==> flow/design.v <==
module gen_mul_core_stage #(
  parameter int DATA_W = 7
) (
  input  logic i_clk,
  input  logic reset,
  input  logic [DATA_W-1:0] u_in,
  input  logic [DATA_W-1:0] v_in,
  output logic [DATA_W-1:0] p_out
);
  logic [DATA_W-1:0] u_ff;
  logic [DATA_W-1:0] v_ff;
  always_ff @(posedge i_clk or posedge reset) begin
    if (reset) begin
      u_ff <= '0;
      v_ff <= '0;
      p_out <= '0;
    end else begin
      u_ff <= u_in;
      v_ff <= v_in;
      p_out <= u_ff * v_ff;
    end
  end
endmodule
### Step by step through the tools: gen_mul_core_stage

Tool output for the design above, in the order of the flow.
Line numbers count from 1 in the design file above.
Operators: Yosys type, input widths -> output width; for muxes data width and select width s.
Cell names lack the library's common part.
Not given: -

| design | value |
|---|---|
| top | gen_mul_core_stage |
| clock port | i_clk |
| library | sky130hd |
| corner | tt_025C_1v80 |

### After elaboration

Source: Yosys, flattened and elaborated, memories not mapped. Widths are those after wreduce; folded enables and synchronous resets count as part of the registers. Registers that Yosys merges into a memory's read port (data or address) are not register bits. Print and check cells do not count. Equal cells are merged and count once.

| operators by class | value |
|---|---|
| multiply operators | 1 |

Operators with widths:

| operator | count |
|---|---|
| $mul 7x7->7 | 1 |

| bit counts | value |
|---|---|
| register bits after elaboration | 21 |
| bits of input ports | 16 |
| cells after elaboration | 4 |

### Depth

Yosys ltp: most cells in a row. Word level: on the elaborated netlist, between registers, memories and ports. Mapped: between sequential cells and ports; inverters and the memories' decode and read muxes count.

| logic depth | value |
|---|---|
| word-level depth | 1 |
| ABC_AREA | 0 |
| gate-level depth with buffers | 12 |

### Mapped cells and area

Source: synth_stat.txt of the flow (Yosys; design flattened, memories mapped). It holds for the ABC_AREA given above (unset counts as 0); a run with the other value may have another netlist.
The area totals of this step are shown rounded.

Cells by type:

| type | count |
|---|---|
| dfrtp_1 | 21 |
| ha_1 | 13 |
| fa_1 | 7 |
| xnor2_1 | 10 |
| and2_1 | 9 |
| inv_1 | 14 |
| nand2_1 | 11 |
| and2_2 | 5 |
| xor2_1 | 3 |
| nand2_2 | 3 |
| xnor2_2 | 1 |
| a21o_1 | 2 |
| a21oi_1 | 2 |

| mapped netlist | value |
|---|---|
| cell count | 101 |
| mapped area | 1190 µm² |
| area of sequential cells | 526 µm² |
| flip-flop cells | 21 |

### Timing after synthesis

Path of least setup slack by OpenSTA after synthesis, without wires, with an ideal clock, recovery checks aside; 20% of the period is set as input and as output delay. Where synthesis merged equal registers, the netlist keeps one of their names.

| timing after synthesis | value |
|---|---|
| path kind | reg2reg |
| start | reg u_ff[2] |
| end | reg p_out[6] |
| clock period | 3.97 ns |
| data arrival time | 3.096 ns |
| slack | 0.794 ns |
| path delay | 3.176 ns |
| stages on the path | 13 |
| path buffers | 0 |
| synthesis period reached | 3.176 ns |

"path delay" is the arrival time less input delay plus setup time.
"stages on the path" counts driving pins, that of a launching flip-flop among them; a cell with two outputs on the path counts twice.
"synthesis period reached" = period - worst setup slack (recovery checks aside). The figure is calculated, with input and output delays left at 20% of the set period.
The rows between start and end are the longest chain of elaborated cells between them; the timing report does not say that the signal goes this way. Where chains are equally long, one stands for them.
Each line given opens the expression or statement behind the cell; cells for indexed reads and writes are added by Yosys, which also makes memories of some case tables.

| between the ends, after synthesis | value |
|---|---|
| cell sequence | dfrtp_1 -> nand2_1 -> fa_1 -> inv_1 -> ha_1 -> inv_1 -> fa_1 -> fa_1 -> inv_1 -> ha_1 -> a21oi_1 -> xnor2_1 -> xnor2_1 |
| length of the longest elaborated chain | 1 |
| elaborated cells between the ends (all ways) | 1 |

Ends and longest elaborated chain, after synthesis:

| element | RTL line | RTL |
|---|---|---|
| from (decl) | 10 | `logic [DATA_W-1:0] u_ff;` |
| from (assign) | 14 | `u_ff <= '0;` |
| from (assign) | 18 | `u_ff <= u_in;` |
| $mul 7x7->7 | 20 | `p_out <= u_ff * v_ff;` |
| to (assign) | 16 | `p_out <= '0;` |
| to (assign) | 20 |  |
| to (decl) | 8 | `output logic [DATA_W-1:0] p_out` |

### Timing after layout

Path of least setup slack in the final report of stored run 1 (OpenROAD, finished layout, wires in). Where an end is a register, its clock arrival counts in the times.

| timing after layout | value |
|---|---|
| path kind | reg2reg |
| start | reg v_ff[1] |
| end | reg p_out[6] |
| clock period | 2.31 ns |
| data arrival time | 3.21 ns |
| slack | -0.75 ns |
| stages on the path | 13 |
| path buffers | 0 |

The rows between start and end are the longest chain of elaborated cells between them; the timing report does not say that the signal goes this way. Where chains are equally long, one stands for them.

| between the ends, after layout | value |
|---|---|
| cell sequence | dfrtp_2 -> nand2_2 -> fa_1 -> inv_1 -> ha_1 -> inv_1 -> fa_1 -> fa_1 -> inv_2 -> ha_4 -> a21oi_4 -> xnor2_2 -> xnor2_1 |
| length of the longest elaborated chain | 1 |
| elaborated cells between the ends (all ways) | 1 |

Ends and longest elaborated chain, after layout:

| element | RTL line | RTL |
|---|---|---|
| from (decl) | 11 | `logic [DATA_W-1:0] v_ff;` |
| from (assign) | 15 | `v_ff <= '0;` |
| from (assign) | 19 | `v_ff <= v_in;` |
| $mul 7x7->7 | 20 | `p_out <= u_ff * v_ff;` |
| to (assign) | 16 | `p_out <= '0;` |
| to (assign) | 20 |  |
| to (decl) | 8 | `output logic [DATA_W-1:0] p_out` |

Ticket comment

Module gen_mul_core_stage, platform sky130hd: 3 stored runs of the flow (Yosys, OpenROAD) with differing settings, in no particular order. Input and output delays are each 20% of the period that was set; the output load is 0.01 pF.
By "clock period reached" is meant the clock period of the run minus its worst setup slack. This is arithmetic on one report: input and output delays are still those of the set period (20% each).
By "critical setup path time" is meant the share of the clock period that the worst setup path is allowed (20% is reserved at inputs, 20% at outputs), minus its slack. Clock arrival times at its registers enter into it.
"total power after layout" rests on the timing tool's default activity at the inputs, not on a simulated workload.
The results are shown rounded.

#### Stored run 1

| setting | value |
|---|---|
| period_ns | `2.31` |
| CORE_UTILIZATION | `29` |
| PLACE_DENSITY_LB_ADDON | `0.08` |
| CORE_MARGIN | `3` |
| CTS_CLUSTER_SIZE | `77` |
| CAP_MARGIN | `20` |
| SLEW_MARGIN | `20` |

| result | value |
|---|---|
| cell area after synthesis | 1190 µm² |
| die area | 4910 µm² |
| standard-cell area after layout | 1810 µm² |
| final utilization | 47.7% |
| smallest setup slack | -0.748 ns |
| total negative slack on setup checks | -1.77 ns |
| total power after layout | 0.00119 W |
| clock period reached | 3.058 ns |
| critical setup path time | 3.06 ns |
| type of the worst setup path | reg2reg |

#### Stored run 2

| setting | value |
|---|---|
| period_ns | `3.97` |
| CAP_MARGIN | `20` |
| CORE_MARGIN | `2` |
| CORE_UTILIZATION | `40` |
| SLEW_MARGIN | `20` |

| result | value |
|---|---|
| cell area after synthesis | 1190 µm² |
| die area | 3430 µm² |
| standard-cell area after layout | 1480 µm² |
| final utilization | 53.1% |
| smallest setup slack | 0.597 ns |
| total negative slack on setup checks | 0.000 ns |
| total power after layout | 0.000561 W |
| clock period reached | 3.373 ns |
| critical setup path time | 3.37 ns |
| type of the worst setup path | reg2reg |

#### Stored run 3

| setting | value |
|---|---|
| period_ns | `2.66` |
| CORE_UTILIZATION | `44` |
| SETUP_SLACK_MARGIN | `0.79` |
| PLACE_DENSITY_LB_ADDON | `0.08` |
| TNS_END_PERCENT | `25` |
| GPL_TIMING_DRIVEN | `1` |
| CTS_CLUSTER_SIZE | `71` |
| CTS_CLUSTER_DIAMETER | `51` |
| SLEW_MARGIN | `0` |
| CAP_MARGIN | `20` |
| CORE_MARGIN | `2` |

| result | value |
|---|---|
| cell area after synthesis | 1190 µm² |
| die area | 3140 µm² |
| standard-cell area after layout | 1700 µm² |
| final utilization | 67.3% |
| smallest setup slack | -0.412 ns |
| total negative slack on setup checks | -0.792 ns |
| total power after layout | 0.000947 W |
| clock period reached | 3.072 ns |
| critical setup path time | 3.07 ns |
| type of the worst setup path | reg2reg |
